==> flow/design.v <==
module diff_unit_v2 #(
  parameter DATA_W = 12
) (
  input  wire core_clk,
  input  wire [DATA_W-1:0] i_src1,
  input  wire i_dir,
  input  wire i_load,
  output wire [DATA_W-1:0] o_out
);
  reg [DATA_W-1:0] acc;
  always @(posedge core_clk) begin
    acc <= i_load ? i_src1 : i_dir ? acc - i_src1 : acc + i_src1;
  end
  assign o_out = acc;
endmodule
Hand-over note for diff_unit_v2

=== From RTL to reports: diff_unit_v2 ===
Tool output for the members of one design family, told apart by "DATA_W", in the order of the flow.
The file above is the member DATA_W=12. Line numbers count from 1 in each member's own file.
Operators: Yosys type, input widths -> output width; for muxes data width and select width s.
Cell names lack the library's common part.
A cell with n/a has no value.

* Design top: diff_unit_v2
* Clock input: core_clk
* Standard-cell library: sky130hd
* Library corner: tt_025C_1v80

=== Source of the members ===
Lines of each other member's file that are new or changed against the file above; lines that a member lacks are not shown.

{| class="wikitable"
|+ Lines new or changed
! DATA_W !! RTL line !! RTL
|-
| 14 || 2 || <nowiki>parameter DATA_W = 14</nowiki>
|-
| 16 || 2 || <nowiki>parameter DATA_W = 16</nowiki>
|-
| 20 || 2 || <nowiki>parameter DATA_W = 20</nowiki>
|-
| 32 || 2 || <nowiki>parameter DATA_W = 32</nowiki>
|-
| 36 || 2 || <nowiki>parameter DATA_W = 36</nowiki>
|}

=== After elaboration ===
Counts by Yosys on the flattened word-level netlist (proc, flatten, opt, wreduce; memories kept). Register bits leave out memories and registers merged into their read ports (data or address); mux counts leave out enables and synchronous resets folded into registers. Print and check cells are left out. Cells with the same type and inputs are merged into one.

{| class="wikitable"
|+ Storage and ports
! DATA_W !! bits in registers !! input port bits
|-
| 12 || 12 || 15
|-
| 14 || 14 || 17
|-
| 16 || 16 || 19
|-
| 20 || 20 || 23
|-
| 32 || 32 || 35
|-
| 36 || 36 || 39
|}

{| class="wikitable"
|+ Operators by class
! DATA_W !! muxes and demuxes !! add/sub/neg operators
|-
| 12 || 2 || 2
|-
| 14 || 2 || 2
|-
| 16 || 2 || 2
|-
| 20 || 2 || 2
|-
| 32 || 2 || 2
|-
| 36 || 2 || 2
|}

{| class="wikitable"
|+ Operators with widths
! DATA_W !! kinds with counts
|-
| 12 || $mux 12 (2); $add 12x12->12 (1); $sub 12x12->12 (1)
|-
| 14 || $mux 14 (2); $add 14x14->14 (1); $sub 14x14->14 (1)
|-
| 16 || $mux 16 (2); $add 16x16->16 (1); $sub 16x16->16 (1)
|-
| 20 || $mux 20 (2); $add 20x20->20 (1); $sub 20x20->20 (1)
|-
| 32 || $mux 32 (2); $add 32x32->32 (1); $sub 32x32->32 (1)
|-
| 36 || $mux 36 (2); $add 36x36->36 (1); $sub 36x36->36 (1)
|}

=== Longest topological paths ===
Longest topological path by Yosys (ltp), each cell counted once; first at word level (registers and memories cut), then after technology mapping (sequential cells cut; the memories' decode and read muxes count).

{| class="wikitable"
|+ Logic depth
! DATA_W !! depth after elaboration !! ABC_AREA !! gate-level depth with buffers !! depth with buffers taken out
|-
| 12 || 3 || 0 || 13 || 13
|-
| 14 || 3 || 0 || 13 || 12
|-
| 16 || 3 || 0 || 14 || 14
|-
| 20 || 3 || 0 || 16 || 16
|-
| 32 || 3 || 0 || 18 || 17
|-
| 36 || 3 || 0 || 19 || 19
|}

=== Netlist ===
Source: synth_stat.txt of the flow (Yosys; design flattened, memories mapped). It holds for the ABC_AREA given above (unset counts as 0); a run with the other value may have another netlist.

{| class="wikitable"
|+ Synthesis totals
! DATA_W !! flip-flops !! chip area (Yosys) (um^2) !! sequential part of the area (um^2) !! mapped cells
|-
| 12 || 12 || 1079.8 || 240.2 || 131
|-
| 14 || 14 || 1382.6 || 280.3 || 172
|-
| 16 || 16 || 1579.0 || 320.3 || 197
|-
| 20 || 20 || 2067.0 || 400.4 || 263
|-
| 32 || 32 || 3349.5 || 640.6 || 448
|-
| 36 || 36 || 3698.5 || 720.7 || 510
|}

{| class="wikitable"
|+ Cells by type
! DATA_W !! type and count
|-
| 12 || dfxtp_1 (12); ha_1 (12); xnor2_1 (12); xor2_1 (7); a21oi_1 (11); nand2_1 (12); o21ai_1 (8); a21o_1 (5); nor2_1 (9); nor3_2 (3); inv_1 (7); nand2b_1 (4); fa_1 (1); mux2i_1 (2); a31oi_1 (3); a221oi_2 (1); o21bai_1 (2); a211oi_2 (1); (+19)
|-
| 14 || dfxtp_1 (14); ha_1 (14); xnor2_1 (16); a21oi_1 (15); nand2_1 (14); nor2_1 (13); nor4_4 (2); o21ai_0 (8); a21o_1 (5); inv_1 (10); mux2i_1 (3); o31ai_1 (4); xor2_1 (3); nor3_1 (5); a221o_1 (2); fa_1 (1); a31oi_1 (3); and3_1 (3); (+37)
|-
| 16 || dfxtp_1 (16); ha_1 (16); xnor2_1 (17); nor2_1 (25); o21ai_0 (13); a21oi_1 (11); nand2_1 (14); a21o_1 (6); xor2_1 (5); mux2_2 (3); nor4_1 (5); o21a_1 (4); o31ai_1 (4); inv_1 (6); mux4_2 (1); fa_1 (1); mux2i_1 (2); nor3_1 (4); (+44)
|-
| 20 || dfxtp_1 (20); ha_1 (20); xnor2_1 (27); a21oi_1 (26); nand2_1 (31); nor2_1 (25); o21ai_0 (18); nor4_4 (3); a21o_1 (6); inv_1 (11); nor3_1 (7); a21oi_2 (3); xor2_1 (3); o21ai_1 (5); a211oi_1 (3); clkbuf_1 (6); o21bai_1 (3); o21bai_2 (2); (+44)
|-
| 32 || dfxtp_1 (32); xnor2_1 (47); ha_1 (32); a21oi_1 (45); nand2_1 (52); o21ai_0 (39); a21o_1 (17); nor2_1 (33); xor2_1 (9); nor3_1 (14); clkbuf_1 (17); inv_1 (14); o21a_1 (7); nand4_1 (7); nor4_4 (2); a31oi_1 (6); o211ai_1 (5); o21bai_1 (5); (+65)
|-
| 36 || dfxtp_1 (36); ha_1 (36); xnor2_1 (42); a21oi_1 (61); nand2_1 (64); o21ai_0 (46); nor2_1 (51); xor2_1 (17); inv_1 (19); a21o_1 (9); o21bai_1 (8); clkbuf_1 (15); nor3_1 (11); nand3_1 (10); a31oi_1 (7); o31ai_1 (5); and3_1 (5); nor4_1 (5); (+63)
|}

A list marked (+n) leaves out that many cells.

=== Worst setup path after synthesis ===
Source: OpenSTA report_checks on the synthesized netlist (no wires, ideal clock, input and output delay 20% of the period each), path of least setup slack; recovery checks are left aside. Register names are those of the netlist, which keeps one name where synthesis merged equal registers.

{| class="wikitable"
|+ Timing post-synthesis
! DATA_W !! path kind !! start !! end !! delay of the path (ps) !! stages !! setup slack (ps) !! clock period (ps) !! synthesis period reached (ps)
|-
| 12 || input to register || input i_src1[0] || register acc[10] || 2034 || 13 || 510 || 3180 || 2670
|-
| 14 || input to register || input i_src1[5] || register acc[13] || 2269 || 11 || 571 || 3550 || 2979
|-
| 16 || input to register || input i_src1[4] || register acc[15] || 3089 || 12 || 775 || 4830 || 4055
|-
| 20 || input to register || input i_src1[0] || register acc[18] || 2493 || 14 || 628 || 3900 || 3272
|-
| 32 || input to register || input i_src1[14] || register acc[31] || 4307 || 17 || 1077 || 6730 || 5653
|-
| 36 || input to register || input i_src1[5] || register acc[33] || 3798 || 15 || 946 || 5930 || 4984
|}

"delay of the path" is the arrival time less input delay plus setup time.
"stages": output pins that drive a net of the path, with the launching flip-flop's if there is one; two outputs of one cell count as two.
"synthesis period reached" = period - worst setup slack (recovery checks aside). The figure is calculated, with input and output delays left at 20% of the set period.
Between the ends stands the longest chain of elaborated cells between them, by number of cells; it is not shown to be the way that was timed. Of several equally long chains one is given.
Each line given opens the expression or statement behind the cell; cells for indexed reads and writes are added by Yosys, which also makes memories of some case tables.

Between the ends, post-synthesis, DATA_W=12:
* Cells in the longest elaborated chain: 3

{| class="wikitable"
|+ Ends and longest elaborated chain, post-synthesis, DATA_W=12
! what !! RTL line !! RTL
|-
| start: declaration || 5 || <nowiki>input  wire [DATA_W-1:0] i_src1,</nowiki>
|-
| $add 12x12->12 || 12 || <nowiki>acc <= i_load ? i_src1 : i_dir ? acc - i_src1 : acc + i_src1;</nowiki>
|-
| $mux 12 x2 || 12 ||
|-
| end: assignment || 12 ||
|-
| end: declaration || 10 || <nowiki>reg [DATA_W-1:0] acc;</nowiki>
|}

Between the ends, post-synthesis, DATA_W=36:
* Cells in the longest elaborated chain: 3

{| class="wikitable"
|+ Ends and longest elaborated chain, post-synthesis, DATA_W=36
! what !! RTL line !! RTL
|-
| start: declaration || 5 || <nowiki>input  wire [DATA_W-1:0] i_src1,</nowiki>
|-
| $add 36x36->36 || 12 || <nowiki>acc <= i_load ? i_src1 : i_dir ? acc - i_src1 : acc + i_src1;</nowiki>
|-
| $mux 36 x2 || 12 ||
|-
| end: assignment || 12 ||
|-
| end: declaration || 10 || <nowiki>reg [DATA_W-1:0] acc;</nowiki>
|}

=== Timing after layout ===
From the final timing report of the run of each member: the path of least setup slack in the routed layout; clock arrival at registers is part of the times.
The path's times are printed in steps of 10 ps; the period is the one set.

{| class="wikitable"
|+ Timing post-layout
! DATA_W !! path kind !! start !! end !! stages !! clock period (ps) !! data arrival time (ps) !! setup slack (ps)
|-
| 12 || input to register || input i_src1[0] || register acc[8] || 15 || 3180 || 3180 || 170
|-
| 14 || input to register || input i_src1[5] || register acc[13] || 11 || 3550 || 3540 || 240
|-
| 16 || input to register || input i_src1[5] || register acc[15] || 13 || 4830 || 4620 || 340
|-
| 20 || input to register || input i_src1[0] || register acc[18] || 15 || 3900 || 3810 || 270
|-
| 32 || input to register || input i_src1[12] || register acc[31] || 17 || 6730 || 6370 || 540
|-
| 36 || input to register || input i_src1[5] || register acc[33] || 14 || 5930 || 5610 || 470
|}

=== Measured runs ===
One run of the flow (Yosys, OpenROAD) for each member, with settings and measured results. Input and output delays are each 20% of the period that was set; the output load is 0.01 pF.

* CAP_MARGIN: 20
* CORE_MARGIN: 2
* CORE_UTILIZATION: 40
* SLEW_MARGIN: 20

{| class="wikitable"
|+ Settings by member
! DATA_W !! period_ns
|-
| 12 || 3.18
|-
| 14 || 3.55
|-
| 16 || 4.83
|-
| 20 || 3.9
|-
| 32 || 6.73
|-
| 36 || 5.93
|}

{| class="wikitable"
|+ Final reports
! DATA_W !! cell area after synthesis (um^2) !! total negative slack on setup checks (ps) !! standard-cell area after layout (um^2) !! post-route worst hold slack (ps) !! worst setup slack after layout (ps) !! die area (um^2) !! total power after layout (µW)
|-
| 12 || 1079.8 || 0 || 1611.5 || 579 || 171 || 3131.0 || 1288
|-
| 14 || 1382.6 || 0 || 1921.8 || 581 || 244 || 3942.6 || 1314
|-
| 16 || 1579.0 || 0 || 2047.0 || 619 || 345 || 4466.2 || 1090
|-
| 20 || 2067.0 || 0 || 2824.0 || 618 || 270 || 5758.5 || 1900
|-
| 32 || 3349.5 || 0 || 4194.0 || 579 || 538 || 9121.2 || 1855
|-
| 36 || 3698.5 || 0 || 4675.7 || 623 || 469 || 10032.0 || 2216
|}

"total power after layout": no workload was simulated; the value follows from the tool's default switching activity.

End of note.
